==> flow/design.v <==
module cmp_unit_rtl #(
  parameter int DWIDTH = 40
) (
  input logic clock,
  input logic signed [DWIDTH-1:0] i_arg0,
  input logic signed [DWIDTH-1:0] i_arg1,
  output logic o_below,
  output logic o_is_eq,
  output logic o_gt
);
  logic signed [DWIDTH-1:0] arg0_reg;
  always_ff @(posedge clock)
    arg0_reg <= i_arg0;
  logic signed [DWIDTH-1:0] arg1_reg;
  always_ff @(posedge clock)
    arg1_reg <= i_arg1;
  logic below_reg;
  always_ff @(posedge clock)
    below_reg <= (arg0_reg < arg1_reg);
  assign o_below = below_reg;
  logic is_eq_reg;
  always_ff @(posedge clock)
    is_eq_reg <= (arg0_reg == arg1_reg);
  assign o_is_eq = is_eq_reg;
  logic gt_reg;
  always_ff @(posedge clock)
    gt_reg <= (arg0_reg > arg1_reg);
  assign o_gt = gt_reg;
endmodule
======== From RTL to reports: cmp_unit_rtl ========
What the tools print for cmp_unit_rtl, step after step.
Lines are those of the file above, counted from 1.
Operators carry their Yosys type and port widths (W data, S select, Z words).
The mark - stands for no value.
inputs
  design top .............................. cmp_unit_rtl
  clock ................................... clock
  standard-cell library ................... sky130hd
  corner .................................. tt_025C_1v80

======== Word-level counts ========
Source: Yosys, flattened and elaborated, memories not mapped. Widths are those after wreduce; folded enables and synchronous resets count as part of the registers. Registers that Yosys merges into a memory's read port (data or address) are not register bits. Print and check cells do not count. Equal cells are merged and count once.
storage and ports
  bits of input ports ..................... 81
  flip-flop bits (word level) ............. 83
operators by class
  equal/unequal tests ..................... 1
  magnitude comparators ................... 2
operators by type and width
  cell            number
  $gt A40 B40 Y1  1
  $lt A40 B40 Y1  1
  $eq A40 B40 Y1  1

======== Longest topological paths ========
Longest topological path by Yosys (ltp), each cell counted once; first at word level (registers and memories cut), then after technology mapping (sequential cells cut; the memories' decode and read muxes count).
logic depth
  word-level depth ........................ 1
  ABC_AREA ................................ 0
  depth in mapped cells ................... 8
  gate-level depth less buffers ........... 8

======== Synthesis result ========
The flow's flattened synthesis, as Yosys stat reports it; memories are mapped. The netlist is that of the ABC_AREA named above (0 if unset); the other value can give another one.
The area totals of this step are shown rounded.
synthesis totals
  buffers ................................. 0
  mapped area ............................. 0.0027 mm^2
  sequential area ......................... 0.0017 mm^2
  cell count .............................. 228
  flip-flop cells ......................... 83
cell types
  cell type                   number
  sky130_fd_sc_hd__dfxtp_1    83
  sky130_fd_sc_hd__ha_1       40
  sky130_fd_sc_hd__inv_1      42
  sky130_fd_sc_hd__a21oi_1    17
  sky130_fd_sc_hd__nand4_1    9
  sky130_fd_sc_hd__nand3_1    5
  sky130_fd_sc_hd__nand2_1    6
  sky130_fd_sc_hd__o21ai_0    4
  sky130_fd_sc_hd__a211oi_1   2
  sky130_fd_sc_hd__a21o_1     2
  sky130_fd_sc_hd__nor4_1     2
  sky130_fd_sc_hd__nor4_2     1
  sky130_fd_sc_hd__o221a_2    1
  sky130_fd_sc_hd__o311a_2    1
  sky130_fd_sc_hd__a221o_1    1
  sky130_fd_sc_hd__o311a_1    1
  sky130_fd_sc_hd__a2111oi_0  1
  sky130_fd_sc_hd__and2b_1    1
Not listed: further types 8, cells in them 9.

======== Worst setup path after synthesis ========
Source: OpenSTA report_checks on the synthesized netlist (no wires, ideal clock, input and output delay 20% of the period each), path of least setup slack; recovery checks are left aside. Register names are those of the netlist, which keeps one name where synthesis merged equal registers.
timing after synthesis
  kind .................................... register to register
  start ................................... reg arg1_reg[22]
  end ..................................... reg below_reg
  path delay .............................. 2.137 ns
  arrival time ............................ 2.022 ns
  path slack .............................. 0.533 ns
  period .................................. 2.67 ns
  setup time .............................. 0.115 ns
  launch time at the first pin ............ 0.000 ns
  path buffers ............................ 0
  driving pins on the path ................ 9
  synthesis period reached ................ 2.137 ns
"path delay" is the arrival time less input delay plus setup time.
"driving pins on the path" counts driving pins, that of a launching flip-flop among them; a cell with two outputs on the path counts twice.
"synthesis period reached" is the clock period less the worst setup slack; recovery checks do not enter. This is arithmetic on one report: input and output delays are still those of the set period (20% each).
The rows between start and end are the longest chain of elaborated cells between them; the timing report does not say that the signal goes this way. Where chains are equally long, one stands for them.
Each line given opens the expression or statement behind the cell; cells for indexed reads and writes are added by Yosys, which also makes memories of some case tables.
on the way, after synthesis
  cell sequence ........................... sky130_fd_sc_hd__dfxtp_1 sky130_fd_sc_hd__inv_1 sky130_fd_sc_hd__ha_1 sky130_fd_sc_hd__a21oi_1 sky130_fd_sc_hd__nand2_1 sky130_fd_sc_hd__a221o_1 sky130_fd_sc_hd__o311a_1 sky130_fd_sc_hd__or4_1 sky130_fd_sc_hd__and2_1
  cells in the longest elaborated chain ... 1
  elaborated cells between the ends (all ways) .. 1
  RTL lines with such cells ............... 1
  classes of those cells .................. compare: 1
ends and longest elaborated chain, after synthesis
  item                line  source
  start: declaration  14    logic signed [DWIDTH-1:0] arg1_reg;
  start: assignment   16    arg1_reg <= i_arg1;
  $lt A40 B40 Y1      19    below_reg <= (arg0_reg < arg1_reg);
  end: assignment     19
  end: declaration    17    logic below_reg;

======== Path in the finished layout ========
Path of least setup slack in the final report of entry A (OpenROAD, finished layout, wires in). Where an end is a register, its clock arrival counts in the times.
timing post-layout
  kind .................................... register to register
  start ................................... reg arg1_reg[17]
  end ..................................... reg below_reg
  path buffers ............................ 0
  driving pins on the path ................ 9
  launch time at the first pin ............ 0.33 ns
  period .................................. 2.25 ns
  path slack .............................. 0.08 ns
  arrival time ............................ 2.40 ns
  setup time .............................. 0.10 ns
The rows between start and end are the longest chain of elaborated cells between them; the timing report does not say that the signal goes this way. Where chains are equally long, one stands for them.
on the way, post-layout
  cell sequence ........................... sky130_fd_sc_hd__dfxtp_1 sky130_fd_sc_hd__inv_1 sky130_fd_sc_hd__ha_1 sky130_fd_sc_hd__nand4_1 sky130_fd_sc_hd__nor2_1 sky130_fd_sc_hd__a221o_1 sky130_fd_sc_hd__o311a_1 sky130_fd_sc_hd__or4_4 sky130_fd_sc_hd__and2_4
  cells in the longest elaborated chain ... 1
  elaborated cells between the ends (all ways) .. 1
  RTL lines with such cells ............... 1
  classes of those cells .................. compare: 1
ends and longest elaborated chain, post-layout
  item                line  source
  start: declaration  14    logic signed [DWIDTH-1:0] arg1_reg;
  start: assignment   16    arg1_reg <= i_arg1;
  $lt A40 B40 Y1      19    below_reg <= (arg0_reg < arg1_reg);
  end: assignment     19
  end: declaration    17    logic below_reg;

Appendix: measured runs

Flow measurements of cmp_unit_rtl on sky130hd: 3 stored runs with different settings, listed in no order. Input and output delays are each 20% of the period that was set; the output load is 0.01 pF.
"worst path time": the worst setup path's part of the clock period (all of it between registers, 20% less for each end at a port) less its slack. A launch clock that arrives late makes it longer, a capture clock that arrives late makes it shorter.
"total power after layout" rests on the timing tool's default activity at the inputs, not on a simulated workload.
Measured values are rounded.

---- entry A ----
settings
  period_ns = 2.25
  CORE_UTILIZATION = 54
  SETUP_SLACK_MARGIN = 0.61
  PLACE_DENSITY_LB_ADDON = 0.01
  CORE_ASPECT_RATIO = 0.66
  TNS_END_PERCENT = 15
  ABC_AREA = 0
  CAP_MARGIN = 20
  MIN_ROUTING_LAYER = met1
  MAX_ROUTING_LAYER = met5
  CORE_MARGIN = 2
  SLEW_MARGIN = 20
results
  synthesis area .......................... 0.0027 mm^2
  die footprint ........................... 0.0056 mm^2
  worst path time ......................... 2.17 ns
  kind of the worst setup path ............ register to register
  lowest setup slack ...................... 0.081 ns
  final design utilization ................ 0.85
  area of the standard cells in the finished layout .. 0.004 mm^2
  worst hold slack in the final report .... 0.54 ns
  total power after layout ................ 2900 µW

---- entry B ----
settings
  period_ns = 2.13
  CORE_UTILIZATION = 39
  SETUP_SLACK_MARGIN = 0.09
  CORE_ASPECT_RATIO = 1.52
  CELL_PAD_IN_SITES_DETAIL_PLACEMENT = 0
  TNS_END_PERCENT = 15
  ABC_AREA = 0
  CAP_MARGIN = 20
  CORE_MARGIN = 2
  SLEW_MARGIN = 20
results
  synthesis area .......................... 0.0027 mm^2
  die footprint ........................... 0.0076 mm^2
  worst path time ......................... 2.10 ns
  kind of the worst setup path ............ register to register
  lowest setup slack ...................... 0.025 ns
  final design utilization ................ 0.6
  area of the standard cells in the finished layout .. 0.004 mm^2
  worst hold slack in the final report .... 0.52 ns
  total power after layout ................ 3300 µW

---- entry C ----
settings
  period_ns = 2.67
  CAP_MARGIN = 20
  CORE_MARGIN = 2
  CORE_UTILIZATION = 40
  SLEW_MARGIN = 20
results
  synthesis area .......................... 0.0027 mm^2
  die footprint ........................... 0.0074 mm^2
  worst path time ......................... 2.28 ns
  kind of the worst setup path ............ register to register
  lowest setup slack ...................... 0.39 ns
  final design utilization ................ 0.6
  area of the standard cells in the finished layout .. 0.0038 mm^2
  worst hold slack in the final report .... 0.63 ns
  total power after layout ................ 2600 µW
